==> flow/design.v <==
module mul_unit_mul_part #(parameter N = 4) (
  input logic [N-1:0] a,
  input logic [N-1:0] b,
  output logic [2*N-1:0] p
);
  assign p = a * b;
endmodule
module mul_unit #(
  parameter int DW = 22
) (
  input  logic CLK,
  input  logic clr,
  input  logic [DW-1:0] lhs_in,
  input  logic [DW-1:0] rhs_in,
  output logic [2*DW-1:0] m_out
);
  logic [DW-1:0] lhs_s;
  always_ff @(posedge CLK) begin
    if (clr) begin
      lhs_s <= '0;
    end else begin
      lhs_s <= lhs_in;
    end
  end
  logic [DW-1:0] rhs_s;
  always_ff @(posedge CLK) begin
    if (clr) begin
      rhs_s <= '0;
    end else begin
      rhs_s <= rhs_in;
    end
  end
  localparam int HW = DW / 2;
  logic [DW-1:0] ll;
  mul_unit_mul_part #(.N(HW)) inst (.a(lhs_s[HW-1:0]), .b(rhs_s[HW-1:0]), .p(ll));
  logic [DW-1:0] lh;
  mul_unit_mul_part #(.N(HW)) el (.a(lhs_s[HW-1:0]), .b(rhs_s[DW-1:HW]), .p(lh));
  logic [DW-1:0] hl;
  mul_unit_mul_part #(.N(HW)) i_sub (.a(lhs_s[DW-1:HW]), .b(rhs_s[HW-1:0]), .p(hl));
  logic [DW-1:0] hh;
  mul_unit_mul_part #(.N(HW)) unit (.a(lhs_s[DW-1:HW]), .b(rhs_s[DW-1:HW]), .p(hh));
  logic [DW:0] mid;
  assign mid = lh + hl;
  always_ff @(posedge CLK) begin
    if (clr) begin
      m_out <= '0;
    end else begin
      m_out <= {hh, ll} + {mid, {HW{1'b0}}};
    end
  end
endmodule
======== Step by step through the tools: mul_unit ========
The steps from the RTL of mul_unit to its reports follow in flow order.
Line numbers count from 1 in the design file above.
Library cell names are shortened.
Not given: n/a
design
  top module .............................. mul_unit
  clock port .............................. CLK
  cell library ............................ sky130hd
  timing corner ........................... tt_025C_1v80

======== Word level ========
Source: Yosys, flattened and elaborated, memories not mapped. Widths are those after wreduce; folded enables and synchronous resets count as part of the registers. Registers that Yosys merges into a memory's read port (data or address) are not register bits. Print and check cells do not count. Equal cells are merged and count once.
cells by class
  add/subtract/negate cells ............... 2
  $mul .................................... 4
operators by type and width
  cell                                            count
  11-bit by 11-bit multiplier with 22-bit output  4
  44-bit by 34-bit adder with 44-bit output       1
  22-bit by 22-bit adder with 23-bit output       1
bit counts
  register bits after elaboration ......... 88
  input port bits ......................... 46
  word-level cells ........................ 9

======== Depth ========
Depth = most cells in a row (Yosys ltp): at word level without a register or memory, in the mapped netlist without a sequential cell, where the memories' decode and read muxes count.
logic depth
  depth after elaboration ................. 3
  ABC_AREA ................................ 0
  depth in mapped cells ................... 32
  gate-level depth less buffers ........... 31

======== Netlist ========
The flow's flattened synthesis, as Yosys stat reports it; memories are mapped. The netlist is that of the ABC_AREA named above (0 if unset); the other value can give another one.
The area totals of this step are shown rounded.
synthesis totals
  standard cells after synthesis .......... 2260
  cell area after synthesis ............... 20000 µm²
  area of sequential cells ................ 1760 µm²
  flip-flops .............................. 88
  buffers ................................. 102
cells by type
  cell type  count
  fa_1       360
  ha_1       255
  dfxtp_1    88
  inv_1      450
  and2_1     247
  nand2_1    273
  xnor2_1    45
  clkbuf_1   98
  nor2b_1    55
  a21oi_1    56
  nor2_1     60
  xor2_1     18
  a21o_1     20
  nor3_1     30
  o21ai_0    25
  nand3_1    23
  and3_1     14
  o211ai_1   10
Other cell types: 50; their cells: 133.
The figures by module come from a second, unflattened synthesis with its own total; it is not the netlist above.
unflattened totals
  cells (unflattened synthesis) ........... 2501
  area (unflattened synthesis) ............ 21500 µm²
Each row is one instance without its submodules.
by module
  module                    instances  cells  area (µm²)  sequential area (µm²)
  mul_unit_mul_part (N=11)  4          485    4130        0.0
  mul_unit                  1          561    4960        1760

======== Timing after synthesis ========
Source: OpenSTA report_checks on the synthesized netlist (no wires, ideal clock, input and output delay 20% of the period each), path of least setup slack; recovery checks are left aside. Register names are those of the netlist, which keeps one name where synthesis merged equal registers.
timing after synthesis
  kind .................................... flip-flop to flip-flop
  start ................................... register lhs_s[4]
  end ..................................... register m_out[41]
  period .................................. 9.78 ns
  library setup time ...................... 0.118 ns
  time at the first pin ................... 0.000 ns
  arrival ................................. 7.709 ns
  required time ........................... 9.662 ns
  path slack .............................. 1.953 ns
  path delay .............................. 7.827 ns
  stages .................................. 31
  buffers on the path ..................... 1
  synthesis period reached ................ 7.827 ns
"path delay" = arrival - input delay + setup time.
"stages" counts driving pins, that of a launching flip-flop among them; a cell with two outputs on the path counts twice.
"synthesis period reached" is the clock period less the worst setup slack; recovery checks do not enter. This is arithmetic on one report: input and output delays are still those of the set period (20% each).
The rows between start and end are the longest chain of elaborated cells between them; the timing report does not say that the signal goes this way. Where chains are equally long, one stands for them.
Each line given opens the expression or statement behind the cell; cells for indexed reads and writes are added by Yosys, which also makes memories of some case tables.
between the ends, after synthesis
  path through ............................ dfxtp_1 > clkbuf_1 > nand2_1 > fa_1 > fa_1 > inv_1 > ha_1 > inv_1 > fa_1 > inv_1 > fa_1 > inv_1 > fa_1 > inv_1 > fa_1 > ha_1 > a21o_1 > a21oi_1 > o21bai_1 > a2111oi_0 > nor3_1 > o31ai_1 > xnor2_1 > ha_1 > inv_1 > o21ai_0 > o311ai_0 > o22ai_1 > o311a_1 > or3b_2 > mux2i_1
  cells in the longest elaborated chain ... 3
RTL lines, path after synthesis
  element                                         RTL line  RTL
  start, declared                                 17        logic [DW-1:0] lhs_s;
  start, assigned                                 20        lhs_s <= '0;
  start, assigned                                 22        lhs_s <= lhs_in;
  11-bit by 11-bit multiplier with 22-bit output  6         assign p = a * b;
  22-bit by 22-bit adder with 23-bit output       43        assign mid = lh + hl;
  44-bit by 34-bit adder with 44-bit output       48        m_out <= {hh, ll} + {mid, {HW{1'b0}}};
  end, assigned                                   46        m_out <= '0;
  end, assigned                                   48
  end, declared                                   15        output logic [2*DW-1:0] m_out

======== Worst path after layout ========
Path of least setup slack in the final report of run 1 (OpenROAD, finished layout, wires in). Where an end is a register, its clock arrival counts in the times.
timing after layout
  kind .................................... flip-flop to flip-flop
  start ................................... register lhs_s[3]
  end ..................................... register m_out[41]
  period .................................. 9.78 ns
  library setup time ...................... 0.11 ns
  time at the first pin ................... 0.39 ns
  arrival ................................. 9.39 ns
  required time ........................... 10.06 ns
  path slack .............................. 0.67 ns
  stages .................................. 30
  buffers on the path ..................... 0
The rows between start and end are the longest chain of elaborated cells between them; the timing report does not say that the signal goes this way. Where chains are equally long, one stands for them.
between the ends, after layout
  path through ............................ dfxtp_1 > nand2_1 > fa_1 > fa_1 > inv_1 > ha_1 > inv_1 > fa_1 > inv_1 > fa_1 > inv_1 > fa_1 > inv_1 > fa_1 > ha_1 > a21o_1 > a21oi_1 > o21bai_1 > a2111oi_0 > nor3_1 > o31ai_1 > xnor2_1 > ha_1 > inv_1 > o21ai_0 > o311ai_0 > o22ai_1 > o311a_1 > or3b_2 > mux2i_1
  cells in the longest elaborated chain ... 3
RTL lines, path after layout
  element                                         RTL line  RTL
  start, declared                                 17        logic [DW-1:0] lhs_s;
  start, assigned                                 20        lhs_s <= '0;
  start, assigned                                 22        lhs_s <= lhs_in;
  11-bit by 11-bit multiplier with 22-bit output  6         assign p = a * b;
  22-bit by 22-bit adder with 23-bit output       43        assign mid = lh + hl;
  44-bit by 34-bit adder with 44-bit output       48        m_out <= {hh, ll} + {mid, {HW{1'b0}}};
  end, assigned                                   46        m_out <= '0;
  end, assigned                                   48
  end, declared                                   15        output logic [2*DW-1:0] m_out

==> results <==
3 stored runs of mul_unit in the flow (synthesis by Yosys, layout by OpenROAD, sky130hd cells), in arbitrary order. Constraints: input delay and output delay 20% of the set period each, output load 0.01 pF.
"achieved clock period" means the clock period less the worst setup slack. The figure is calculated, with input and output delays left at 20% of the set period.
"critical setup path time": the worst setup path's part of the clock period (all of it between registers, 20% less for each end at a port) less its slack. A launch clock that arrives late makes it longer, a capture clock that arrives late makes it shorter.
"power": no workload was simulated; the value follows from the tool's default switching activity.
The measured numbers are rounded.

---- run 1 ----
settings
  period_ns = 9.78
  CAP_MARGIN = 20
  CORE_MARGIN = 2
  CORE_UTILIZATION = 40
  SLEW_MARGIN = 20
results
  synthesis area .......................... 20000 µm²
  critical setup path time ................ 9.11 ns
  worst setup path type ................... flip-flop to flip-flop
  power ................................... 2860 uW
  final worst hold slack .................. 0.871 ns
  standard-cell area after layout ......... 21900 µm²
  setup slack of the worst path ........... 0.670 ns
  final setup TNS ......................... 0.000 ns
  achieved clock period ................... 9.110 ns
  post-route utilization .................. 44.6%
  area inside the die boundary ............ 51700 µm²

---- run 2 ----
settings
  period_ns = 8.96
  CORE_UTILIZATION = 33
  PLACE_DENSITY_LB_ADDON = 0.21
  CELL_PAD_IN_SITES_GLOBAL_PLACEMENT = 1
  CTS_CLUSTER_SIZE = 20
  CTS_CLUSTER_DIAMETER = 193
  CAP_MARGIN = 15
  MAX_ROUTING_LAYER = met4
  CORE_MARGIN = 2
  SLEW_MARGIN = 20
results
  synthesis area .......................... 20000 µm²
  critical setup path time ................ 8.49 ns
  worst setup path type ................... flip-flop to flip-flop
  power ................................... 3160 uW
  final worst hold slack .................. 0.910 ns
  standard-cell area after layout ......... 22300 µm²
  setup slack of the worst path ........... 0.469 ns
  final setup TNS ......................... 0.000 ns
  achieved clock period ................... 8.491 ns
  post-route utilization .................. 37.1%
  area inside the die boundary ............ 62500 µm²

---- run 3 ----
settings
  period_ns = 6.15
  CORE_UTILIZATION = 50
  SETUP_SLACK_MARGIN = 1.25
  PLACE_DENSITY = 0.93
  CORE_ASPECT_RATIO = 1.43
  CELL_PAD_IN_SITES_GLOBAL_PLACEMENT = 3
  CELL_PAD_IN_SITES_DETAIL_PLACEMENT = 2
  TNS_END_PERCENT = 70
  ABC_AREA = 0
  GPL_ROUTABILITY_DRIVEN = 1
  CAP_MARGIN = 30
  MAX_ROUTING_LAYER = met5
  CORE_MARGIN = 2
  SLEW_MARGIN = 20
results
  incomplete, placement halted on GPL-0301
